==> flow/design.v <==
module dp_barrel_blk (i_clk, RST, d, shamt, dout);
   parameter WIDTH = 96;
   localparam SEL_WIDTH = $clog2(WIDTH);
   input i_clk;
   input RST;
   input [WIDTH-1:0] d;
   input [SEL_WIDTH-1:0] shamt;
   output reg [WIDTH-1:0] dout;
   reg [WIDTH-1:0] d_q;
   reg [SEL_WIDTH-1:0] shamt_q;
   always @(posedge i_clk) begin
      if (RST) begin
         d_q <= 0;
         shamt_q <= 0;
      end else begin
         d_q <= d;
         shamt_q <= shamt;
      end
   end
   wire [2*WIDTH-1:0] nxt = {d_q, d_q} >> shamt_q;
   always @(posedge i_clk) begin
      if (RST) begin
         dout <= 0;
      end else begin
         dout <= nxt[WIDTH-1:0];
      end
   end
endmodule
## From RTL to reports: dp_barrel_blk

What the tools print for dp_barrel_blk, step after step.
Line numbers count from 1 in the design file above.
Operators carry their Yosys type and port widths (W data, S select, Z words).
Library cell names are shortened.
A cell with - has no value.

- Design top: dp_barrel_blk
- Clock port: i_clk
- Cell library: sky130hd
- Corner: tt_025C_1v80

## Word-level counts

Yosys after proc, flatten, opt, wreduce and memory -nomap, before mapping. Enables and synchronous resets that opt folds into registers are not counted as muxes. Memory bits, and registers merged into a memory's read port (data or address), are not among the register bits. Print and check cells are not counted. Equal cells are merged and count once.

- Output and inout bits: 96
- Bits in registers: 199
- Memories kept: 0
- Bits in latches: 0
- RAM bits: 0
- Clocked read ports x word width: 0
- Memory bits (read-only): 0
- Cells after elaboration: 4
- Input port bits: 105

- Mux-type cells: 0
- Shift operators: 1
- Multipliers: 0
- Divide/modulo/power cells: 0
- Add/sub/neg operators: 0
- Magnitude comparators: 0
- Bitwise gates (word level): 0
- Eq/ne operators: 0
- Reductions and logical operators: 0

Operator list:

| kind | count |
|---|---|
| $shr A192 B7 Y96 | 1 |

## Longest topological paths

Depth = most cells in a row (Yosys ltp): at word level without a register or memory, in the mapped netlist without a sequential cell, where the memories' decode and read muxes count.

- Depth in word-level cells: 1
- ABC_AREA: 0
- Mapped depth: 10
- Depth with buffers taken out: 6

## After synthesis

The flow's flattened synthesis, as Yosys stat reports it; memories are mapped. The netlist is that of the ABC_AREA named above (0 if unset); the other value can give another one.
Totals and module areas in this step are rounded.

Cells by type:

| cell | count | area in all (um2) |
|---|---|---|
| dfxtp_1 | 199 | 3.98E+03 |
| mux4_2 | 113 | 2.54E+03 |
| mux2i_1 | 141 | 1.41E+03 |
| mux2_2 | 124 | 1.4E+03 |
| o22ai_1 | 119 | 744.464 |
| nor2b_1 | 106 | 663.136 |
| nor2_1 | 119 | 446.678 |
| clkbuf_1 | 76 | 285.274 |
| nand2_1 | 76 | 285.274 |
| o221ai_1 | 29 | 253.994 |
| a21oi_1 | 44 | 220.211 |
| o21ai_0 | 44 | 220.211 |
| o21ai_1 | 30 | 150.144 |
| buf_2 | 22 | 110.106 |
| a22oi_1 | 14 | 105.101 |
| a211oi_1 | 12 | 90.086 |
| a21o_1 | 12 | 90.086 |
| nor3_1 | 18 | 90.086 |

Other cell types: 45; their cells: 133.

- Chip area (Yosys): 14100 um2
- Buffer cells: 126
- Cells in the netlist: 1431
- Mapped flip-flops: 199

## Path before layout

OpenSTA on the mapped netlist: ideal clock, no wires. The path of least setup slack (recovery checks aside). Input and output delay are each 20% of the period. Register names are those of the netlist, which keeps one name where synthesis merged equal registers.

- Path kind: register to register
- Start point: register shamt_q[1]
- End point: register dout[72]
- Driving pins on the path: 8
- Arrival time: 2.322 ns
- Clock period: 3.08 ns
- Delay of the path: 2.463 ns
- Launch time at the first pin: 0.000 ns
- Setup slack: 0.617 ns
- Synthesis period reached: 2.463 ns

"delay of the path" is the arrival time less input delay plus setup time.
"driving pins on the path" counts driving pins, that of a launching flip-flop among them; a cell with two outputs on the path counts twice.
"synthesis period reached" is the clock period less the worst setup slack; recovery checks do not enter. This is arithmetic on one report: input and output delays are still those of the set period (20% each).
Between the ends stands the longest chain of elaborated cells between them, by number of cells; it is not shown to be the way that was timed. Of several equally long chains one is given.
Each line given opens the expression or statement behind the cell; cells for indexed reads and writes are added by Yosys, which also makes memories of some case tables.

- Cells stage by stage: dfxtp_1 -> buf_2 -> mux4_2 -> mux2_2 -> mux4_2 -> and2_1 -> nor3_2 -> o221ai_1
- Cells in the longest elaborated chain: 1
- Elaborated cells between the ends (all ways): 1
- RTL lines with such cells: 1
- Classes of those cells: shift (1)

Ends and longest elaborated chain, post-synthesis:

| element | RTL line | RTL |
|---|---|---|
| from (decl) | 10 | `reg [SEL_WIDTH-1:0] shamt_q;` |
| from (assign) | 14 | `shamt_q <= 0;` |
| from (assign) | 17 | `shamt_q <= shamt;` |
| $shr A192 B7 Y96 | 20 | `wire [2*WIDTH-1:0] nxt = {d_q, d_q} >> shamt_q;` |
| to (assign) | 23 | `dout <= 0;` |
| to (assign) | 25 | `dout <= nxt[WIDTH-1:0];` |
| to (decl) | 8 | `output reg [WIDTH-1:0] dout;` |

## Timing after layout

From the final timing report of flow run A: the path of least setup slack in the routed layout; clock arrival at registers is part of the times.

- Path kind: register to register
- Start point: register shamt_q[1]
- End point: register dout[92]
- Arrival time: 2.97 ns
- Driving pins on the path: 10
- Launch time at the first pin: 0.47 ns
- Setup slack: -1.00 ns
- Clock period: 1.62 ns

Between the ends stands the longest chain of elaborated cells between them, by number of cells; it is not shown to be the way that was timed. Of several equally long chains one is given.

- Cells stage by stage: dfxtp_4 -> buf_6 -> buf_4 -> mux4_2 -> mux2_4 -> mux2i_1 -> buf_4 -> a221o_1 -> a21o_1 -> a21oi_1
- Cells in the longest elaborated chain: 1
- Elaborated cells between the ends (all ways): 1
- RTL lines with such cells: 1
- Classes of those cells: shift (1)

Ends and longest elaborated chain, after layout:

| element | RTL line | RTL |
|---|---|---|
| from (decl) | 10 | `reg [SEL_WIDTH-1:0] shamt_q;` |
| from (assign) | 14 | `shamt_q <= 0;` |
| from (assign) | 17 | `shamt_q <= shamt;` |
| $shr A192 B7 Y96 | 20 | `wire [2*WIDTH-1:0] nxt = {d_q, d_q} >> shamt_q;` |
| to (assign) | 23 | `dout <= 0;` |
| to (assign) | 25 | `dout <= nxt[WIDTH-1:0];` |
| to (decl) | 8 | `output reg [WIDTH-1:0] dout;` |

Hand-over note for dp_barrel_blk

3 stored runs of dp_barrel_blk in the flow (synthesis by Yosys, layout by OpenROAD, sky130hd cells), in arbitrary order. Constraints: input delay and output delay 20% of the set period each, output load 0.01 pF.
"reached clock period" = clock period - worst setup slack. The figure is calculated, with input and output delays left at 20% of the set period.
"worst path time" is the time allowed to the run's worst setup path (the clock period less input and output delay, where it has them) less its slack. Clock arrival times count: a late capture clock shortens it, a late launch clock lengthens it.
Results are given in rounded form.

### Flow run A

==> flow/run.sh <==
#!/bin/bash
# the make line also repeats the synthesis and layout settings of config.mk as NAME=value (left out here)
make -C /OpenROAD-flow-scripts/flow DESIGN_CONFIG=/design/flow/config.mk WORK_HOME=/design/flow/orfs CLKGATE_MAP_FILE= finish
==> flow/config.mk <==
export PLATFORM = sky130hd
export DESIGN_NAME = dp_barrel_blk
export DESIGN_NICKNAME = dp_barrel_blk
export VERILOG_FILES = /design/flow/design.v
export SDC_FILE = /design/flow/constraint.sdc
export NUM_CORES = 4
export LEC_CHECK = 0
export CAP_MARGIN = 20
export CORE_MARGIN = 8
export CORE_UTILIZATION = 36
export GPL_ROUTABILITY_DRIVEN = 0
export GPL_TIMING_DRIVEN = 1
export PLACE_DENSITY_LB_ADDON = 0.03
export SLEW_MARGIN = 20
export TNS_END_PERCENT = 15
==> flow/constraint.sdc <==
create_clock -name core_clock -period 1.62 [get_ports {i_clk}]
set_input_delay 0.3240 -clock core_clock [delete_from_list [all_inputs] [get_ports {i_clk}]]
set_output_delay 0.3240 -clock core_clock [all_outputs]
set_load 0.01 [all_outputs]

Results of flow run A:
- Netlist area reported by Yosys: 14100 um2
- Area inside the die boundary: 45700 um2
- Area of the standard cells in the finished layout: 21800 um2
- Utilization: 56.3 %
- Worst setup slack after layout: -1.00 ns
- Total negative slack on setup checks: -82.8 ns
- Worst-case hold slack: 0.306 ns
- Reached clock period: 2.620 ns
- Worst path time: 2.62 ns
- Worst setup path type: register to register

### Flow run B

==> flow/run.sh <==
#!/bin/bash
# the make line also repeats the synthesis and layout settings of config.mk as NAME=value (left out here)
make -C /OpenROAD-flow-scripts/flow DESIGN_CONFIG=/design/flow/config.mk WORK_HOME=/design/flow/orfs CLKGATE_MAP_FILE= finish
==> flow/config.mk <==
export PLATFORM = sky130hd
export DESIGN_NAME = dp_barrel_blk
export DESIGN_NICKNAME = dp_barrel_blk
export VERILOG_FILES = /design/flow/design.v
export SDC_FILE = /design/flow/constraint.sdc
export NUM_CORES = 4
export LEC_CHECK = 0
export ABC_AREA = 1
export CAP_MARGIN = 35
export CELL_PAD_IN_SITES_DETAIL_PLACEMENT = 2
export CORE_MARGIN = 2
export CORE_UTILIZATION = 33
export CTS_CLUSTER_SIZE = 71
export HOLD_SLACK_MARGIN = 0.08
export MIN_ROUTING_LAYER = met1
export PLACE_DENSITY_LB_ADDON = 0.1
export SETUP_SLACK_MARGIN = 0.33
export SLEW_MARGIN = 20
export TNS_END_PERCENT = 90
==> flow/constraint.sdc <==
create_clock -name core_clock -period 2.06 [get_ports {i_clk}]
set_input_delay 0.4120 -clock core_clock [delete_from_list [all_inputs] [get_ports {i_clk}]]
set_output_delay 0.4120 -clock core_clock [all_outputs]
set_load 0.01 [all_outputs]

Outcome of flow run B: did not finish, routing stopped with GRT-0232

### Flow run C

==> flow/run.sh <==
#!/bin/bash
# the make line also repeats the synthesis and layout settings of config.mk as NAME=value (left out here)
make -C /OpenROAD-flow-scripts/flow DESIGN_CONFIG=/design/flow/config.mk WORK_HOME=/design/flow/orfs CLKGATE_MAP_FILE= finish
==> flow/config.mk <==
export PLATFORM = sky130hd
export DESIGN_NAME = dp_barrel_blk
export DESIGN_NICKNAME = dp_barrel_blk
export VERILOG_FILES = /design/flow/design.v
export SDC_FILE = /design/flow/constraint.sdc
export NUM_CORES = 4
export LEC_CHECK = 0
export CAP_MARGIN = 20
export CORE_MARGIN = 2
export CORE_UTILIZATION = 40
export SLEW_MARGIN = 20
==> flow/constraint.sdc <==
create_clock -name core_clock -period 3.08 [get_ports {i_clk}]
set_input_delay 0.6160 -clock core_clock [delete_from_list [all_inputs] [get_ports {i_clk}]]
set_output_delay 0.6160 -clock core_clock [all_outputs]
set_load 0.01 [all_outputs]

Results of flow run C:
- Netlist area reported by Yosys: 14100 um2
- Area inside the die boundary: 36700 um2
- Area of the standard cells in the finished layout: 18000 um2
- Utilization: 51.9 %
- Worst setup slack after layout: 0.067 ns
- Total negative slack on setup checks: 0.000 ns
- Worst-case hold slack: 0.584 ns
- Reached clock period: 3.013 ns
- Worst path time: 3.01 ns
- Worst setup path type: register to register

End of note.
